==> flow/design.v <==
module multiplier_stage (clk, rs1, res);
  parameter integer DWIDTH = 36;
  parameter integer FACTOR = 365;
  localparam integer RES_W = DWIDTH + $clog2(FACTOR + 1);
  input clk;
  input [DWIDTH-1:0] rs1;
  output reg [RES_W-1:0] res;
  reg [RES_W-1:0] t;
  integer idx;
  always @* begin
    t = 0;
    for (idx = 0; idx < RES_W - DWIDTH; idx = idx + 1)
      if ((FACTOR >> idx) & 1) t = t + (rs1 << idx);
  end
  always @(posedge clk) begin
    res <= t;
  end
endmodule
* Tool chain data of multiplier_stage
Tool output for the design above, in the order of the flow.
Line numbers count from 1 in the design file above.
Cell names lack the library's common part.
The mark - stands for no value.
- Top module :: multiplier_stage
- Clock :: clk
- Cell library :: sky130hd
- Library corner :: tt_025C_1v80

* Word level
Counts by Yosys on the flattened word-level netlist (proc, flatten, opt, wreduce; memories kept). Register bits leave out memories and registers merged into their read ports (data or address); mux counts leave out enables and synchronous resets folded into registers. Print and check cells are left out. Cells with the same type and inputs are merged into one.
- Add/subtract/negate cells :: 5
** Operators by type and width (count)
- adder 43 x 44 -> 45 bit :: 1
- adder 42 x 42 -> 43 bit :: 1
- adder 40 x 41 -> 42 bit :: 1
- adder 39 x 39 -> 40 bit :: 1
- adder 36 x 38 -> 39 bit :: 1
- Output and inout bits :: 45
- Elaborated cells :: 6
- Bits of input ports :: 37
- Register bits :: 45

* Depth
Depth = most cells in a row (Yosys ltp): at word level without a register or memory, in the mapped netlist without a sequential cell, where the memories' decode and read muxes count.
- Depth after elaboration :: 5
- ABC_AREA :: 1
- Gate-level depth with buffers :: 20
- Mapped depth without buffers :: 20

* Mapped cells and area
The flow's flattened synthesis, as Yosys stat reports it; memories are mapped. The netlist is that of the ABC_AREA named above (0 if unset); the other value can give another one.
- Sequential area :: 900.9 µm²
- Chip area (Yosys) :: 7578.5 µm²
- Buffers :: 0
- Cells in the netlist :: 1031
- Flip-flop cells :: 45
** Cell types
- fa_1 :: count 128, total area 2.56E+03 µm²
- inv_1 :: count 356, total area 1.34E+03 µm²
- nand2_1 :: count 248, total area 930.893 µm²
- dfxtp_1 :: count 45, total area 900.864 µm²
- ha_1 :: count 61, total area 763.232 µm²
- nor2_1 :: count 53, total area 198.941 µm²
- a21oi_1 :: count 33, total area 165.158 µm²
- xor2_1 :: count 18, total area 157.651 µm²
- nand3_1 :: count 21, total area 105.101 µm²
- nand3_2 :: count 9, total area 90.086 µm²
- o21ai_0 :: count 16, total area 80.077 µm²
- nand2_2 :: count 11, total area 68.816 µm²
- nor3_1 :: count 11, total area 55.053 µm²
- xnor2_1 :: count 6, total area 52.55 µm²
- nor2_4 :: count 3, total area 33.782 µm²
- a31oi_1 :: count 4, total area 25.024 µm²
- nor2_2 :: count 3, total area 18.768 µm²
- nand2b_1 :: count 2, total area 12.512 µm²
Other cell types: 3; their cells: 3.

* Timing after synthesis
Source: OpenSTA report_checks on the synthesized netlist (no wires, ideal clock, input and output delay 20% of the period each), path of least setup slack; recovery checks are left aside. Register names are those of the netlist, which keeps one name where synthesis merged equal registers.
- Path kind :: input -> register
- From :: in rs1[19]
- To :: reg res[39]
- Driving pins on the path :: 20
- Launch time at the first pin :: 1.160 ns
- Data required time :: 5.688 ns
- Arrival time :: 4.101 ns
- Path delay :: 3.053 ns
- Buffers on the path :: 0
- Slack :: 1.587 ns
- Input delay :: 1.160 ns
- Clock period :: 5.8 ns
- Library setup time :: 0.112 ns
- Synthesis period reached :: 4.213 ns
"path delay" is the arrival time less input delay plus setup time.
"driving pins on the path": output pins that drive a net of the path, with the launching flip-flop's if there is one; two outputs of one cell count as two.
"synthesis period reached" = period - worst setup slack (recovery checks aside). The figure is calculated, with input and output delays left at 20% of the set period.
The rows between start and end are the longest chain of elaborated cells between them; the timing report does not say that the signal goes this way. Where chains are equally long, one stands for them.
Each line given opens the expression or statement behind the cell; cells for indexed reads and writes are added by Yosys, which also makes memories of some case tables.
- Cell sequence :: inv_1 fa_1 inv_1 fa_1 inv_1 fa_1 inv_1 ha_1 nand2_1 inv_1 nand2_1 inv_1 nand2_1 nand2_1 inv_1 nor2_1 nor2_1 nand2_1 nand2_1 nand2_1
- Length of the longest elaborated chain :: 5
- Elaborated cells between the ends (all ways) :: 5
- Source lines of those cells :: 1
- Those cells by class :: add/sub: 5
** Ends and longest elaborated chain, post-synthesis
- start, declared :: line 6 : input [DWIDTH-1:0] rs1;
- adder 36 x 38 -> 39 bit :: line 13 : if ((FACTOR >> idx) & 1) t = t + (rs1 << idx);
- adder 39 x 39 -> 40 bit :: line 13
- adder 40 x 41 -> 42 bit :: line 13
- adder 42 x 42 -> 43 bit :: line 13
- adder 43 x 44 -> 45 bit :: line 13
- end, assigned :: line 16 : res <= t;
- end, declared :: line 7 : output reg [RES_W-1:0] res;

* Worst path after layout
Path of least setup slack in the final report of stored run 1 (OpenROAD, finished layout, wires in). Where an end is a register, its clock arrival counts in the times.
- Path kind :: input -> register
- From :: in rs1[18]
- To :: reg res[33]
- Buffers on the path :: 2
- Clock period :: 5.74 ns
- Data required time :: 6.00 ns
- Launch time at the first pin :: 1.15 ns
- Library setup time :: 0.06 ns
- Arrival time :: 4.75 ns
- Slack :: 1.25 ns
- Input delay :: 1.15 ns
- Driving pins on the path :: 20
The rows between start and end are the longest chain of elaborated cells between them; the timing report does not say that the signal goes this way. Where chains are equally long, one stands for them.
- Cell sequence :: dlygate4sd2_1 clkinvlp_4 buf_4 fa_1 inv_1 fa_1 inv_1 fa_1 inv_1 ha_4 nand2_4 nor2_4 inv_2 nor2_4 nand3b_1 nand3_4 nand2_2 nand2_1 nand2_1 nand2_1
- Length of the longest elaborated chain :: 5
- Elaborated cells between the ends (all ways) :: 5
- Source lines of those cells :: 1
- Those cells by class :: add/sub: 5
** Ends and longest elaborated chain, post-layout
- start, declared :: line 6 : input [DWIDTH-1:0] rs1;
- adder 36 x 38 -> 39 bit :: line 13 : if ((FACTOR >> idx) & 1) t = t + (rs1 << idx);
- adder 39 x 39 -> 40 bit :: line 13
- adder 40 x 41 -> 42 bit :: line 13
- adder 42 x 42 -> 43 bit :: line 13
- adder 43 x 44 -> 45 bit :: line 13
- end, assigned :: line 16 : res <= t;
- end, declared :: line 7 : output reg [RES_W-1:0] res;

Ticket comment

Top module multiplier_stage; platform sky130hd; tools Yosys and OpenROAD; 3 stored runs in no particular order. Input and output delays are each 20% of the period that was set; the output load is 0.01 pF.
"period achieved": clock period set for the run, less the worst setup slack. It is reckoned from that one timing run; input and output delays stay at 20% of the period that was set.
"critical setup path time" = time allowed to the worst setup path (clock period - input delay - output delay, where it has them) - its slack; a late launch clock adds to it, a late capture clock takes from it.
By "total power after layout" is meant OpenSTA's value without simulated activity: inputs other than the clock are taken to toggle once in ten clock periods, and the tool carries that through the logic.

** Stored run 1
- Settings :: period_ns=5.74; CORE_UTILIZATION=23; SETUP_SLACK_MARGIN=1.1; PLACE_DENSITY_LB_ADDON=0.13; CELL_PAD_IN_SITES_DETAIL_PLACEMENT=2; ABC_AREA=1; GPL_TIMING_DRIVEN=0; GPL_ROUTABILITY_DRIVEN=0; CTS_CLUSTER_SIZE=100; MAX_ROUTING_LAYER=met5; CAP_MARGIN=20; CORE_MARGIN=2; SLEW_MARGIN=20
- Synthesized cell area :: 7578.5 µm²
- Overall die area :: 34417.7 µm²
- Standard-cell area after layout :: 10674.0 µm²
- Final utilization :: 32.9 %
- Smallest setup slack :: 1.253 ns
- Total negative slack on setup checks :: 0.000 ns
- Worst hold slack in the final report :: 1.192 ns
- Total power after layout :: 6.075 mW
- Period achieved :: 4.487 ns
- Critical setup path time :: 3.34 ns
- Critical path kind :: input -> register

** Stored run 2
- Settings :: period_ns=3.48; CORE_UTILIZATION=57; PLACE_DENSITY_LB_ADDON=0.17; TNS_END_PERCENT=95; MIN_ROUTING_LAYER=met2; CAP_MARGIN=20; CORE_MARGIN=2; SLEW_MARGIN=20
- Outcome :: did not finish, routing stopped with GRT-0232

** Stored run 3
- Settings :: period_ns=5.8; CAP_MARGIN=20; CORE_MARGIN=2; CORE_UTILIZATION=40; SLEW_MARGIN=20
- Synthesized cell area :: 7118.1 µm²
- Overall die area :: 18878.8 µm²
- Standard-cell area after layout :: 8459.4 µm²
- Final utilization :: 48.7 %
- Smallest setup slack :: 0.406 ns
- Total negative slack on setup checks :: 0.000 ns
- Worst hold slack in the final report :: 1.502 ns
- Total power after layout :: 4.520 mW
- Period achieved :: 5.394 ns
- Critical setup path time :: 4.23 ns
- Critical path kind :: input -> register
